==> flow/design.v <==
module ex_cmp #(
  parameter DATA_WIDTH = 96
) (
  input  logic core_clk,
  input  logic resetn,
  input  logic [DATA_WIDTH-1:0] src1,
  input  logic [DATA_WIDTH-1:0] src2,
  output logic greater,
  output logic less
);
  logic g;
  logic l;
  always_comb begin
    g = 1'b0;
    l = 1'b0;
    for (int t = DATA_WIDTH-1; t >= 0; t = t - 1) begin
      if (!g && !l) begin
        g = src1[t] & ~src2[t];
        l = ~src1[t] & src2[t];
      end
    end
  end
  logic greater_s;
  always_ff @(posedge core_clk or negedge resetn) begin
    if (~resetn) begin
      greater_s <= 1'b0;
    end else begin
      greater_s <= g;
    end
  end
  assign greater = greater_s;
  logic less_s;
  always_ff @(posedge core_clk or negedge resetn) begin
    if (~resetn) begin
      less_s <= 1'b0;
    end else begin
      less_s <= l;
    end
  end
  assign less = less_s;
endmodule
Reports on ex_cmp
What the tools print for ex_cmp, step after step.
Lines are those of the file above, counted from 1.
Library cell names are shortened.
The mark -- stands for no value.
- design top: ex_cmp
- clock: core_clk
- standard-cell library: sky130hd
- timing corner: tt_025C_1v80

After elaboration
Counts by Yosys on the flattened word-level netlist (proc, flatten, opt, wreduce; memories kept). Register bits leave out memories and registers merged into their read ports (data or address); mux counts leave out enables and synchronous resets folded into registers. Print and check cells are left out. Cells with the same type and inputs are merged into one.
- noted flip-flop bits (word level): 2
- muxes and demuxes: 190
- bitwise logic cells at 384
- reductions and logical operators: 285
- operator list (operator ; number):
    1-bit AND ; 192
    1-bit NOT ; 192
    1-bit zero test ; 190
    1-bit two-way mux ; 190
    1-bit logical AND ; 95

Logic depth
Depth = most cells in a row (Yosys ltp): at word level without a register or memory, in the mapped netlist without a sequential cell, where the memories' decode and read muxes count.
- noted depth after elaboration: 287
- noted ABC_AREA: 0
- gate-level depth with buffers at 10

Synthesis result
Source: synth_stat.txt of the flow (Yosys; design flattened, memories mapped). It holds for the ABC_AREA given above (unset counts as 0); a run with the other value may have another netlist.
Totals and module areas in this step are rounded.
- cell count: 363
- synthesis area at 2590 µm²
- noted area of sequential cells: 50.0 µm²
- flip-flop cells: 2
- cells by type (cell type ; number ; area in all (µm²)):
    maj3_1 ; 74 ; 740.71
    maj3_2 ; 29 ; 326.563
    nor2b_1 ; 46 ; 287.776
    inv_1 ; 62 ; 232.723
    nand2b_1 ; 36 ; 225.216
    a21oi_1 ; 22 ; 110.106
    o21ai_0 ; 17 ; 85.082
    dfrtp_1 ; 2 ; 50.048
    a21o_1 ; 6 ; 45.043
    o21ai_1 ; 7 ; 35.034
    o221ai_1 ; 4 ; 35.034
    nand2_1 ; 7 ; 26.275
    and2_1 ; 4 ; 25.024
    ha_1 ; 2 ; 25.024
    a211oi_1 ; 3 ; 22.522
    o21bai_1 ; 3 ; 22.522
    a21bo_2 ; 2 ; 20.019
    a2bb2o_4 ; 1 ; 20.019
Other cell types: 23; their cells: 36.

Worst setup path after synthesis
OpenSTA on the mapped netlist: ideal clock, no wires. The path of least setup slack (recovery checks aside). Input and output delay are each 20% of the period. Register names are those of the netlist, which keeps one name where synthesis merged equal registers.
- path type: input port to flip-flop
- start: in src1[22]
- end: reg greater_s
- period at 3.06 ns
- library setup time: 0.118 ns
- noted time at the first pin: 0.612 ns
- noted data arrival time: 2.452 ns
- noted setup slack: 0.490 ns
- delay of the path: 1.958 ns
- stages at 9
- buffers on the path: 0
- noted synthesis period reached: 2.57 ns
"delay of the path" is the arrival time less input delay plus setup time.
"stages" counts driving pins, that of a launching flip-flop among them; a cell with two outputs on the path counts twice.
"synthesis period reached" is the clock period less the worst setup slack; recovery checks do not enter. This is arithmetic on one report: input and output delays are still those of the set period (20% each).
The rows between start and end are the longest chain of elaborated cells between them; the timing report does not say that the signal goes this way. Where chains are equally long, one stands for them.
A line is the first line of the expression or statement that the cell stems from. Yosys adds cells for indexed reads and writes and turns some case tables into memories.
- path through: nor2b_1 maj3_2 maj3_1 maj3_2 o21ai_1 o311ai_1 o21ai_1 o311ai_1 a21o_1
- noted length of the longest elaborated chain: 69
- noted elaborated cells on any way between the ends: 114
- those cells by class: mux: 45; logic: 3; reduce/logical: 66
- RTL lines, path after synthesis (item ; RTL line ; text):
    from (decl) ; 6 ; input  logic [DATA_WIDTH-1:0] src1,
    1-bit NOT ; 19 ; l = ~src1[t] & src2[t];
    1-bit AND ; 19 ;
    1-bit two-way mux ; 17 ; if (!g && !l) begin
    1-bit zero test ; 17 ;
    1-bit logical AND ; 17 ;
    1-bit two-way mux ; 17 ;
    1-bit zero test ; 17 ;
    (+55 left out) ; -- ;
    1-bit two-way mux ; 17 ;
    1-bit zero test ; 17 ;
    1-bit logical AND ; 17 ;
    1-bit two-way mux ; 17 ;
    1-bit zero test ; 17 ;
    1-bit logical AND ; 17 ;
    1-bit two-way mux ; 17 ;
    to (assign) ; 26 ; greater_s <= 1'b0;
    to (assign) ; 28 ; greater_s <= g;
    to (decl) ; 23 ; logic greater_s;

Timing after layout
Path of least setup slack in the final report of run 1 (OpenROAD, finished layout, wires in). Where an end is a register, its clock arrival counts in the times.
- path type: input port to flip-flop
- start: in src1[22]
- end: reg greater_s
- period at 3.06 ns
- library setup time: 0.11 ns
- noted time at the first pin: 0.61 ns
- noted data arrival time: 3.03 ns
- noted setup slack: 0.13 ns
- stages at 10
- buffers on the path: 1
The rows between start and end are the longest chain of elaborated cells between them; the timing report does not say that the signal goes this way. Where chains are equally long, one stands for them.
- path through: clkdlybuf4s50_1 nand2b_1 maj3_2 maj3_2 maj3_1 a21oi_1 o2bb2ai_1 o21ai_1 o311ai_1 a21o_1
- noted length of the longest elaborated chain: 69
- noted elaborated cells on any way between the ends: 114
- those cells by class: mux: 45; logic: 3; reduce/logical: 66
- RTL lines, path post-layout (item ; RTL line ; text):
    from (decl) ; 6 ; input  logic [DATA_WIDTH-1:0] src1,
    1-bit NOT ; 19 ; l = ~src1[t] & src2[t];
    1-bit AND ; 19 ;
    1-bit two-way mux ; 17 ; if (!g && !l) begin
    1-bit zero test ; 17 ;
    1-bit logical AND ; 17 ;
    1-bit two-way mux ; 17 ;
    1-bit zero test ; 17 ;
    (+55 left out) ; -- ;
    1-bit two-way mux ; 17 ;
    1-bit zero test ; 17 ;
    1-bit logical AND ; 17 ;
    1-bit two-way mux ; 17 ;
    1-bit zero test ; 17 ;
    1-bit logical AND ; 17 ;
    1-bit two-way mux ; 17 ;
    to (assign) ; 26 ; greater_s <= 1'b0;
    to (assign) ; 28 ; greater_s <= g;
    to (decl) ; 23 ; logic greater_s;

Lab notebook: ex_cmp

Stored flow runs of ex_cmp (3 of them; Yosys, OpenROAD, sky130hd). They differ in their settings and are not a sequence. Constraints: input delay and output delay 20% of the set period each, output load 0.01 pF.
"achieved period" = clock period - worst setup slack. The figure is calculated, with input and output delays left at 20% of the set period.
Results are given in rounded form.

Run 1
Settings were period_ns = 3.06; CAP_MARGIN = 20; CORE_MARGIN = 2; CORE_UTILIZATION = 40; SLEW_MARGIN = 20
- noted the netlist area reported by Yosys: 2590 µm²
- noted the standard-cell area of the final layout: 4780 µm²
- smallest setup slack at 0.131 ns
- area of the die at 7140 µm²
- achieved period at 2.929 ns

Run 2
Settings were period_ns = 2.18; CORE_UTILIZATION = 38; SETUP_SLACK_MARGIN = 0.24; PLACE_DENSITY_LB_ADDON = 0.08; CELL_PAD_IN_SITES_GLOBAL_PLACEMENT = 1; CAP_MARGIN = 20; CORE_MARGIN = 2; SLEW_MARGIN = 20
- did not finish, placement stopped with FLW-0024

Run 3
Settings were period_ns = 2.95; CORE_UTILIZATION = 69; PLACE_DENSITY_LB_ADDON = 0.01; CORE_ASPECT_RATIO = 0.85; CORE_MARGIN = 8; CELL_PAD_IN_SITES_GLOBAL_PLACEMENT = 0; ABC_AREA = 0; GPL_ROUTABILITY_DRIVEN = 1; CTS_CLUSTER_SIZE = 74; CTS_CLUSTER_DIAMETER = 328; CAP_MARGIN = 25; SLEW_MARGIN = 5; MIN_ROUTING_LAYER = met1; MAX_ROUTING_LAYER = met5
- did not finish, placement stopped with FLW-0024
